==> flow/design.v <==
module gen_reg_file_mod #(
    parameter NWORDS = 48,
    parameter DATA_W = 6,
    parameter RPORTS = 1,
    parameter ADDR_WIDTH = $clog2(NWORDS)
) (
    input wire clock,
    input wire rst_n,
    input wire we,
    input wire [ADDR_WIDTH-1:0] wr_addr,
    input wire [DATA_W-1:0] wr_data,
    input wire [RPORTS*ADDR_WIDTH-1:0] rd_addr,
    output reg [RPORTS*DATA_W-1:0] q
);
    reg [DATA_W-1:0] bank [0:NWORDS-1];
    always @(posedge clock) begin
        if (we)
            bank[wr_addr] <= wr_data;
    end
    wire [RPORTS*DATA_W-1:0] tmp;
    genvar gj;
    generate
        for (gj = 0; gj < RPORTS; gj = gj + 1) begin : gen
            assign tmp[gj*DATA_W +: DATA_W] = bank[rd_addr[gj*ADDR_WIDTH +: ADDR_WIDTH]];
        end
    endgenerate
    always @(posedge clock or negedge rst_n) begin
        if (!rst_n) begin
            q <= 0;
        end else begin
            q <= tmp;
        end
    end
endmodule
# Reports on gen_reg_file_mod
# What the tools print for gen_reg_file_mod, step after step.
# Lines are those of the file above, counted from 1.
# Operators: Yosys type, input widths -> output width; for muxes data width and select width s.
# Cell names lack the library's common part.
# Not given: -
# inputs
top_module	gen_reg_file_mod
clock_port	clock
library	sky130hd
lib_corner	tt_025C_1v80

# After elaboration
# Yosys after proc, flatten, opt, wreduce and memory -nomap, before mapping. Enables and synchronous resets that opt folds into registers are not counted as muxes. Memory bits, and registers merged into a memory's read port (data or address), are not among the register bits. Print and check cells are not counted. Equal cells are merged and count once.
# Yosys's memory passes give these memory sizes; they may raise the number of words (mostly to a power of two), join words into wider ones and drop unused or constant bits.
# word_totals
reg_bits	0
ramBits	288
clocked_rd_ports_x_width	6
memories	1
in_bits	21
output_inout_bits	6
# classes
n_mux	3
reduce_and_logical	1
# mem_list
name	size	word_bits	rd	wr	line	source
bank	48	6	1	1	15	reg [DATA_W-1:0] bank [0:NWORDS-1];
# ops
op	count
$mux 6	2
$logic_not 1->1	1
$mux 1	1

# Longest topological paths
# Depth = most cells in a row (Yosys ltp): at word level without a register or memory, in the mapped netlist without a sequential cell, where the memories' decode and read muxes count.
# logic_depth
word_depth	1
ABC_AREA	0
ltp_mapped	8
ltp_nobuf	5

# After synthesis
# Yosys stat after the flow's synthesis: flattened, memories mapped to cells. It holds for the ABC_AREA given above (unset counts as 0); a run with the other value may have another netlist.
# by_type
cell_type	count
edfxtp_1	288
mux2i_1	96
mux4_2	26
nor2_1	49
a22oi_1	24
a221oi_2	10
dfrtp_1	6
a22o_1	12
mux4_1	4
o41ai_2	6
buf_12	4
buf_6	6
a21oi_1	12
nand2_1	13
buf_4	6
buf_2	8
o22ai_1	6
nand2b_1	5
# Other cell types: 14; their cells: 31.
# mapped
mapped_cells	612
synth_area_um2	11766.3
seqArea_um2	8798.4
ff_cells	294

# Worst setup path after synthesis
# Path of least setup slack by OpenSTA after synthesis, without wires, with an ideal clock, recovery checks aside; 20% of the period is set as input and as output delay. Where synthesis merged equal registers, the netlist keeps one of their names.
# synth_path
kind	input-to-reg
start	input port rd_addr[1]
end	register q[1]
period_ns	2.46
in_delay_ns	0.492
setup_ns	0.128
arrival_time_ns	1.940
required_ns	2.332
slack_ns	0.391
path_delay_ns	1.576
driving_pins	6
period_less_setup_slack_ns	2.069
# "path_delay_ns" = arrival - input delay + setup time.
# "driving_pins" counts driving pins, that of a launching flip-flop among them; a cell with two outputs on the path counts twice.
# "period_less_setup_slack_ns" is the clock period less the worst setup slack; recovery checks do not enter. This is arithmetic on one report: input and output delays are still those of the set period (20% each).
# synth_via
cell_sequence	buf_2 > clkbuf_1 > mux4_2 > mux4_2 > nand2_1 > o41ai_2
# synth_rtl
element	line	source
from (decl)	12	input wire [RPORTS*ADDR_WIDTH-1:0] rd_addr,
to (decl)	13	output reg [RPORTS*DATA_W-1:0] q
# No chain of elaborated cells between the ends is given.

# Path in the finished layout
# From the final timing report of run 1: the path of least setup slack in the routed layout; clock arrival at registers is part of the times.
# layout_path
kind	input-to-reg
start	input port rd_addr[1]
end	register q[0]
period_ns	2.46
in_delay_ns	0.49
setup_ns	0.14
arrival_time_ns	2.56
required_ns	2.87
slack_ns	0.31
driving_pins	6
# layout_via
cell_sequence	clkdlybuf4s50_1 > buf_4 > mux4_2 > mux4_2 > nand2_1 > o41ai_2
# layout_rtl
element	line	source
from (decl)	12	input wire [RPORTS*ADDR_WIDTH-1:0] rd_addr,
to (decl)	13	output reg [RPORTS*DATA_W-1:0] q
# No chain of elaborated cells between the ends is given.

# Measured results for gen_reg_file_mod: 2 stored runs of the Yosys and OpenROAD flow on sky130hd. The settings differ; the order carries no meaning. The constraints put input and output delay at 20% of the set period each and load the outputs with 0.01 pF.
# "final_power_uw" is the tool's figure for a default switching activity; nothing was simulated.
# A setting shown as -- is not set for that run.
item,run 1,run 2
period_ns,2.46,3.82
CAP_MARGIN,20,20
CORE_MARGIN,2,2
CORE_UTILIZATION,40,60
SLEW_MARGIN,20,20
PLACE_DENSITY,--,0.82
CELL_PAD_IN_SITES_GLOBAL_PLACEMENT,--,1
CELL_PAD_IN_SITES_DETAIL_PLACEMENT,--,0
TNS_END_PERCENT,--,50
ABC_AREA,--,1
GPL_TIMING_DRIVEN,--,1
yosys_chip_area_um2,11766.3,12021.5
design.die.area_um2,30803.8,21184.8
finish.stdcell_area_um2,13952.1,13250.2
finish.utilization_pct,48.3,67.6
fin_ws_ns,0.312,1.256
final_power_uw,10477,6609
